==> flow/design.v <==
module add_core #(
   parameter DATA_W = 7
) (
   input sys_clk,
   input [DATA_W-1:0] i_op_a,
   input [DATA_W-1:0] i_op_b,
   input [DATA_W-1:0] i_op_c,
   output [DATA_W+1:0] o_result
);
   reg [DATA_W-1:0] op_a_r;
   reg [DATA_W-1:0] op_b_r;
   reg [DATA_W-1:0] op_c_r;
   wire [DATA_W-1:0] work;
   assign work = op_a_r ^ op_b_r ^ op_c_r;
   wire [DATA_W-1:0] cc;
   assign cc = (op_a_r & op_b_r) | (op_a_r & op_c_r) | (op_b_r & op_c_r);
   assign o_result = work + {cc, 1'b0};
   always @(posedge sys_clk) begin
      op_a_r <= i_op_a;
      op_b_r <= i_op_b;
      op_c_r <= i_op_c;
   end
endmodule
# Tool chain data of add_core
# A sweep over "DATA_W": the same steps for each member of the family.
# The file above is the member DATA_W=7. Line numbers count from 1 in each member's own file.
# Library cell names are shortened.
# The mark -- stands for no value.
[setup]
design = "add_core"
clk_port = "sys_clk"
lib = "sky130hd"
lib_corner = "tt_025C_1v80"

# Source of the members
# Lines of each other member's file that are new or changed against the file above; lines that a member lacks are not shown.
[src_changes]
columns = ["DATA_W", "line", "rtl"]
rows = [
  [10, 2, "parameter DATA_W = 10"],
  [14, 2, "parameter DATA_W = 14"],
  [56, 2, "parameter DATA_W = 56"],
]

# Word level
# Source: Yosys, flattened and elaborated, memories not mapped. Widths are those after wreduce; folded enables and synchronous resets count as part of the registers. Registers that Yosys merges into a memory's read port (data or address) are not register bits. Print and check cells do not count. Equal cells are merged and count once.
[word_totals]
columns = ["DATA_W", "regBits", "latch_bits", "ramBits", "rom_bits", "clocked_rd_ports_x_width", "memories", "input_bits", "elab_cells"]
rows = [
  [7, 21, 0, 0, 0, 0, 0, 22, 11],
  [10, 30, 0, 0, 0, 0, 0, 31, 11],
  [14, 42, 0, 0, 0, 0, 0, 43, 11],
  [56, 168, 0, 0, 0, 0, 0, 169, 11],
]
[op_classes]
columns = ["DATA_W", "addsub", "n_mul", "div", "cmp", "eq_ne", "shift", "n_mux", "logic", "n_reduce_logical"]
rows = [
  [7, 1, 0, 0, 0, 0, 0, 0, 7, 0],
  [10, 1, 0, 0, 0, 0, 0, 0, 7, 0],
  [14, 1, 0, 0, 0, 0, 0, 0, 7, 0],
  [56, 1, 0, 0, 0, 0, 0, 0, 7, 0],
]
[ops]
columns = ["DATA_W", "operators"]
rows = [
  [7, "7-bit AND: 3; 7-bit OR: 2; 7-bit XOR: 2; 7-bit by 8-bit adder with 9-bit output: 1"],
  [10, "10-bit AND: 3; 10-bit OR: 2; 10-bit XOR: 2; 10-bit by 11-bit adder with 12-bit output: 1"],
  [14, "14-bit AND: 3; 14-bit OR: 2; 14-bit XOR: 2; 14-bit by 15-bit adder with 16-bit output: 1"],
  [56, "56-bit AND: 3; 56-bit OR: 2; 56-bit XOR: 2; 56-bit by 57-bit adder with 58-bit output: 1"],
]

# Depth
# Yosys ltp: most cells in a row. Word level: on the elaborated netlist, between registers, memories and ports. Mapped: between sequential cells and ports; inverters and the memories' decode and read muxes count.
[depth]
columns = ["DATA_W", "depth_word", "ABC_AREA", "depth_mapped", "depth_no_buf"]
rows = [
  [7, 4, 0, 10, 10],
  [10, 4, 0, 11, 11],
  [14, 4, 0, 11, 11],
  [56, 4, 0, 13, 13],
]

# After synthesis
# The flow's flattened synthesis, as Yosys stat reports it; memories are mapped. The netlist is that of the ABC_AREA named above (0 if unset); the other value can give another one.
# Totals and module areas in this step are rounded.
[types]
columns = ["DATA_W", "cell_types"]
rows = [
  [7, "dfxtp_1: 21; fa_1: 8; ha_1: 6; inv_1: 15; xnor2_1: 3; a21oi_1: 4; nor2_1: 4; o21ai_0: 3; nor2b_4: 1; nand3_1: 2; a311oi_1: 1; o31a_1: 1; nor3b_1: 1; o21a_1: 1; a31oi_1: 1; nor2b_1: 1; nor4_1: 1; nand2_1: 1"],
  [10, "dfxtp_1: 30; fa_1: 11; ha_1: 9; inv_1: 17; xnor2_1: 5; a2111oi_4: 1; a21oi_2: 2; xor2_1: 2; a21o_4: 1; and3_1: 2; and3_4: 1; nand2_1: 3; a21oi_1: 2; mux2i_1: 1; nand3_1: 2; o21ai_1: 2; o2111ai_1: 1; o21ai_2: 1; (+11)"],
  [14, "dfxtp_1: 42; fa_1: 15; ha_1: 13; xnor2_1: 8; inv_1: 16; a21o_1: 6; a21oi_1: 9; a31oi_4: 1; and3_1: 3; nand4_1: 3; nor2_1: 5; o41ai_2: 1; nor3_1: 3; o211ai_1: 2; a31oi_1: 2; a21boi_2: 1; a221o_2: 1; nand2_1: 3; (+15)"],
  [56, "dfxtp_1: 168; fa_1: 57; ha_1: 55; a21oi_1: 77; xnor2_1: 31; a21o_1: 27; nand2_1: 53; xor2_1: 19; nor2_1: 41; o21ai_0: 27; inv_1: 35; nand4_1: 20; clkbuf_1: 24; o21bai_1: 11; a31oi_1: 11; nand3_1: 12; o211ai_1: 6; nor4_1: 7; (+76)"],
]
# The mark (+n) counts cells that are not listed.
[mapped]
columns = ["DATA_W", "mapped_cells", "mapped_area_um2", "ff_cells", "buf_cells"]
rows = [
  [7, 75, 867, 21, 0],
  [10, 104, 1280, 30, 1],
  [14, 149, 1810, 42, 0],
  [56, 757, 7930, 168, 25],
]

# Path before layout
# Source: OpenSTA report_checks on the synthesized netlist (no wires, ideal clock, input and output delay 20% of the period each), path of least setup slack; recovery checks are left aside. Register names are those of the netlist, which keeps one name where synthesis merged equal registers.
[synth_path]
columns = ["DATA_W", "kind", "start", "end", "tclk_ns", "setup_slack_ns", "stages", "path_delay_ns", "period_less_setup_slack_ns"]
rows = [
  [7, "reg2out", "register op_a_r[1]", "output o_result[7]", 3.37, 0.540, 9, 2.156, 2.83],
  [10, "reg2out", "register op_a_r[3]", "output o_result[10]", 3.4, 0.544, 8, 2.176, 2.856],
  [14, "reg2out", "register op_a_r[1]", "output o_result[9]", 3.43, 0.550, 10, 2.194, 2.88],
  [56, "reg2out", "register op_a_r[1]", "output o_result[51]", 4.96, 0.794, 12, 3.174, 4.166],
]
# "path_delay_ns" is the arrival time less input delay plus setup time.
# A path that ends at an output port has no setup time.
# "stages": output pins that drive a net of the path, with the launching flip-flop's if there is one; two outputs of one cell count as two.
# "period_less_setup_slack_ns" is the clock period less the worst setup slack; recovery checks do not enter. This is arithmetic on one report: input and output delays are still those of the set period (20% each).
# The rows between start and end are the longest chain of elaborated cells between them; the timing report does not say that the signal goes this way. Where chains are equally long, one stands for them.
# A line is the first line of the expression or statement that the cell stems from. Yosys adds cells for indexed reads and writes and turns some case tables into memories.
[synth_via_DATA_W_7]
elab_chain_len = 4
[synth_rtl_DATA_W_7]
columns = ["item", "line", "rtl"]
rows = [
  ["from (decl)", 10, "reg [DATA_W-1:0] op_a_r;"],
  ["from (assign)", 19, "op_a_r <= i_op_a;"],
  ["7-bit AND", 16, "assign cc = (op_a_r & op_b_r) | (op_a_r & op_c_r) | (op_b_r & op_c_r);"],
  ["7-bit OR (2 in a row)", 16, ""],
  ["7-bit by 8-bit adder with 9-bit output", 17, "assign o_result = work + {cc, 1'b0};"],
  ["to (decl)", 8, "output [DATA_W+1:0] o_result"],
]
[synth_via_DATA_W_56]
elab_chain_len = 4
[synth_rtl_DATA_W_56]
columns = ["item", "line", "rtl"]
rows = [
  ["from (decl)", 10, "reg [DATA_W-1:0] op_a_r;"],
  ["from (assign)", 19, "op_a_r <= i_op_a;"],
  ["56-bit AND", 16, "assign cc = (op_a_r & op_b_r) | (op_a_r & op_c_r) | (op_b_r & op_c_r);"],
  ["56-bit OR (2 in a row)", 16, ""],
  ["56-bit by 57-bit adder with 58-bit output", 17, "assign o_result = work + {cc, 1'b0};"],
  ["to (decl)", 8, "output [DATA_W+1:0] o_result"],
]

# Worst path after layout
# Path of least setup slack in the final report of the run of each member (OpenROAD, finished layout, wires in). Where an end is a register, its clock arrival counts in the times.
[layout_path]
columns = ["DATA_W", "kind", "start", "end", "tclk_ns", "setup_slack_ns", "stages", "t_arrival_ns", "n_path_buf"]
rows = [
  [7, "reg2out", "register op_a_r[1]", "output o_result[7]", 3.37, 0.15, 10, 2.54, 2],
  [10, "reg2out", "register op_a_r[3]", "output o_result[10]", 3.4, -0.09, 11, 2.81, 3],
  [14, "reg2out", "register op_c_r[1]", "output o_result[13]", 3.43, 0.05, 12, 2.69, 2],
  [56, "reg2out", "register op_a_r[1]", "output o_result[51]", 4.96, 0.12, 15, 3.85, 3],
]

# Measured runs
# Settings and results of one run of the flow (Yosys, OpenROAD) for each member follow. The constraints put input and output delay at 20% of the set period each and load the outputs with 0.01 pF.
[settings]
CAP_MARGIN = 20
CORE_MARGIN = 2
CORE_UTILIZATION = 40
SLEW_MARGIN = 20
[settings_by_member]
columns = ["DATA_W", "period_ns"]
rows = [
  [7, 3.37],
  [10, 3.4],
  [14, 3.43],
  [56, 4.96],
]
[measured]
columns = ["DATA_W", "post_synth_area_um2", "dieArea_um2", "final_cell_area_um2", "worstSetupSlack_ns", "setup_tns_ns", "clock_period_reached_ns"]
rows = [
  [7, 867, 2560, 1240, 0.155, 0.000, 3.215],
  [10, 1280, 3670, 1920, -0.089, -0.089, 3.489],
  [14, 1810, 5080, 2710, 0.053, 0.000, 3.377],
  [56, 7930, 21000, 11200, 0.123, 0.000, 4.837],
]
# "clock_period_reached_ns" means the clock period less the worst setup slack. The figure is calculated, with input and output delays left at 20% of the set period.
# The results are shown rounded.
